==> flow/design.v <==
module cpu_reg_bank_n #(
   parameter ENTRIES = 64,
   parameter DW = 20,
   parameter ABITS = $clog2(ENTRIES)
) (
   input clock,
   input step,
   input load,
   input [ABITS-1:0] wsel,
   input [DW-1:0] wdata,
   input [ABITS-1:0] raddr,
   output [DW-1:0] read_data
);
   reg [DW-1:0] mem [ENTRIES-1:0];
   always @(posedge clock) begin
      if (step && load)
         mem[wsel] <= wdata;
   end
   assign read_data = mem[raddr];
endmodule
* From RTL to reports: cpu_reg_bank_n
What the tools print for cpu_reg_bank_n, step after step.
Line numbers count from 1 in the design file above.
Cell names lack the library's common part.
The mark - stands for no value.
- Top module :: cpu_reg_bank_n
- Clock :: clock
- Library :: sky130hd
- Library corner :: tt_025C_1v80

* Elaborated design
Source: Yosys, flattened and elaborated, memories not mapped. Widths are those after wreduce; folded enables and synchronous resets count as part of the registers. Registers that Yosys merges into a memory's read port (data or address) are not register bits. Print and check cells do not count. Equal cells are merged and count once.
Memory sizes are those after Yosys's memory passes, which may raise the word count (mostly to a power of two), join words into wider ones and drop unused or constant bits.
- Bits in registers :: 0
- Bits in writable memories :: 1280
- Memory cells :: 1
- Input port bits :: 35
- Word-level cells :: 5
- Mux-type cells :: 3
- Reductions and logical operators :: 1
** Memories
- mem :: depth 64, bits a word 20, read ports 1, write ports 1, RTL line 14 : reg [DW-1:0] mem [ENTRIES-1:0];
** Operators with widths (number)
- 20-bit two-way mux :: 1
- 6-bit two-way mux :: 1
- 1-bit logical AND :: 1
- 1-bit two-way mux :: 1

* Logic depth
Depth = most cells in a row (Yosys ltp): at word level without a register or memory, in the mapped netlist without a sequential cell, where the memories' decode and read muxes count.
- Word-level depth :: 2
- ABC_AREA :: 0
- Depth in mapped cells :: 9
- Gate-level depth less buffers :: 5

* Synthesis result
Source: synth_stat.txt of the flow (Yosys; design flattened, memories mapped). It holds for the ABC_AREA given above (unset counts as 0); a run with the other value may have another netlist.
Totals and module areas in this step are rounded.
** Cells by type
- edfxtp_1 :: number 1280, area in all 3.84E+04 µm²
- mux4_2 :: number 320, area in all 7.21E+03 µm²
- a22oi_1 :: number 52, area in all 390.374 µm²
- mux2i_1 :: number 39, area in all 390.374 µm²
- nor2_1 :: number 85, area in all 319.056 µm²
- mux2_2 :: number 27, area in all 304.042 µm²
- nand3_1 :: number 42, area in all 210.202 µm²
- buf_4 :: number 24, area in all 180.173 µm²
- clkbuf_1 :: number 47, area in all 176.419 µm²
- nor2b_1 :: number 20, area in all 125.12 µm²
- o22ai_1 :: number 20, area in all 125.12 µm²
- buf_6 :: number 11, area in all 123.869 µm²
- buf_2 :: number 22, area in all 110.106 µm²
- o221ai_1 :: number 12, area in all 105.101 µm²
- nand2_1 :: number 20, area in all 75.072 µm²
- a21oi_1 :: number 14, area in all 70.067 µm²
- a211oi_1 :: number 8, area in all 60.058 µm²
- o21ai_0 :: number 11, area in all 55.053 µm²
Not listed: further types 19, cells in them 76.
- Cells in the netlist :: 2130
- Chip area (Yosys) :: 0.049 mm²
- Sequential area :: 0.0384 mm²
- Mapped flip-flops :: 1280

* Timing after synthesis
Path of least setup slack by OpenSTA after synthesis, without wires, with an ideal clock, recovery checks aside; 20% of the period is set as input and as output delay. Where synthesis merged equal registers, the netlist keeps one of their names.
- Path type :: input to output
- From :: input raddr[0]
- To :: output read_data[16]
- Period :: 3380 ps
- Time at the first pin :: 676 ps
- Arrival time :: 2297 ps
- Required time :: 2704 ps
- Setup slack :: 407 ps
- Delay of the path :: 1621 ps
- Stages on the path :: 8
- Synthesis period reached :: 2973 ps
"delay of the path" = arrival - input delay + setup time.
A path that ends at an output port has no setup time.
"stages on the path" counts driving pins, that of a launching flip-flop among them; a cell with two outputs on the path counts twice.
"synthesis period reached" = period - worst setup slack (recovery checks aside). The figure is calculated, with input and output delays left at 20% of the set period.
Between the ends stands the longest chain of elaborated cells between them, by number of cells; it is not shown to be the way that was timed. Of several equally long chains one is given.
A line is the first line of the expression or statement that the cell stems from. Yosys adds cells for indexed reads and writes and turns some case tables into memories.
A memory read counts as a cell of the chain, while the word-level depth stops at memories.
- Cell sequence :: buf_6 -> buf_6 -> buf_6 -> buf_4 -> mux4_2 -> a22oi_1 -> nand3_1 -> o211a_1
- Cells in the longest elaborated chain :: 1
** Ends and longest elaborated chain, after synthesis
- start: declaration :: RTL line 11 : input [ABITS-1:0] raddr,
- memory 64 x 20 bit :: RTL line 14 : reg [DW-1:0] mem [ENTRIES-1:0];
- end: declaration :: RTL line 12 : output [DW-1:0] read_data

* Worst path after layout
Path of least setup slack in the final report of flow run B (OpenROAD, finished layout, wires in). Where an end is a register, its clock arrival counts in the times.
The report prints the path's times to 10 ps; the period is as set.
- Path type :: register to output
- From :: memory mem[27][2]
- To :: output read_data[2]
- Period :: 2400 ps
- Time at the first pin :: 650 ps
- Arrival time :: 2870 ps
- Required time :: 1920 ps
- Setup slack :: -950 ps
- Stages on the path :: 8
Between the ends stands the longest chain of elaborated cells between them, by number of cells; it is not shown to be the way that was timed. Of several equally long chains one is given.
A memory read counts as a cell of the chain, while the word-level depth stops at memories.
- Cell sequence :: edfxtp_1 -> mux4_2 -> a2111oi_4 -> buf_4 -> nor4_2 -> buf_4 -> o211a_1 -> buf_2
- Cells in the longest elaborated chain :: 1
** Ends and longest elaborated chain, post-layout
- start: declaration :: RTL line 14 : reg [DW-1:0] mem [ENTRIES-1:0];
- memory 64 x 20 bit :: RTL line 14
- end: declaration :: RTL line 12 : output [DW-1:0] read_data

# Flow runs of cpu_reg_bank_n

Design cpu_reg_bank_n on sky130hd. What follows are 3 stored runs of the flow, each under its own settings; their order means nothing. The constraints put input and output delay at 20% of the set period each and load the outputs with 0.01 pF.
"period achieved" = clock period - worst setup slack. The figure is calculated, with input and output delays left at 20% of the set period.
"worst setup path time" means the part of the period allowed to the worst setup path (the constraints hold back 20% at inputs and 20% at outputs) less its slack; where the path has registers, the arrival times of their clocks count too.
"worst setup path time" is known to 10 ps.
The results are shown rounded.

** Flow run A
- Settings :: period_ns=2.62; CORE_UTILIZATION=65; SETUP_SLACK_MARGIN=0.51; PLACE_DENSITY_LB_ADDON=0.1; CELL_PAD_IN_SITES_DETAIL_PLACEMENT=1; TNS_END_PERCENT=25; ABC_AREA=0; GPL_TIMING_DRIVEN=1; MIN_ROUTING_LAYER=met1; MAX_ROUTING_LAYER=met4; CAP_MARGIN=20; CORE_MARGIN=2; SLEW_MARGIN=20
- Outcome :: not finished: routing ended with error ODB-0269

** Flow run B
- Settings :: period_ns=2.4; CORE_UTILIZATION=72; SETUP_SLACK_MARGIN=0.24; PLACE_DENSITY_LB_ADDON=0.04; CORE_ASPECT_RATIO=1.02; CORE_MARGIN=3; CELL_PAD_IN_SITES_DETAIL_PLACEMENT=0; GPL_TIMING_DRIVEN=1; CTS_CLUSTER_SIZE=20; CTS_CLUSTER_DIAMETER=387; CAP_MARGIN=30; SLEW_MARGIN=20
- Standard-cell area of the final layout :: 0.0577 mm²
- Worst setup path time :: 2,870 ps
- Critical path kind :: register to output
- Period achieved :: 3,346 ps
- Worst hold slack in the final report :: 246 ps
- Chip area after synthesis (Yosys) :: 0.049 mm²
- Total negative setup slack :: -12,800 ps
- Die area :: 0.0713 mm²
- Worst setup slack after layout :: -946 ps

** Flow run C
- Settings :: period_ns=3.38; CAP_MARGIN=20; CORE_MARGIN=2; CORE_UTILIZATION=40; SLEW_MARGIN=20
- Standard-cell area of the final layout :: 0.0599 mm²
- Worst setup path time :: 2,770 ps
- Critical path kind :: register to output
- Period achieved :: 3,446 ps
- Worst hold slack in the final report :: 366 ps
- Chip area after synthesis (Yosys) :: 0.049 mm²
- Total negative setup slack :: -330 ps
- Die area :: 0.125 mm²
- Worst setup slack after layout :: -66 ps
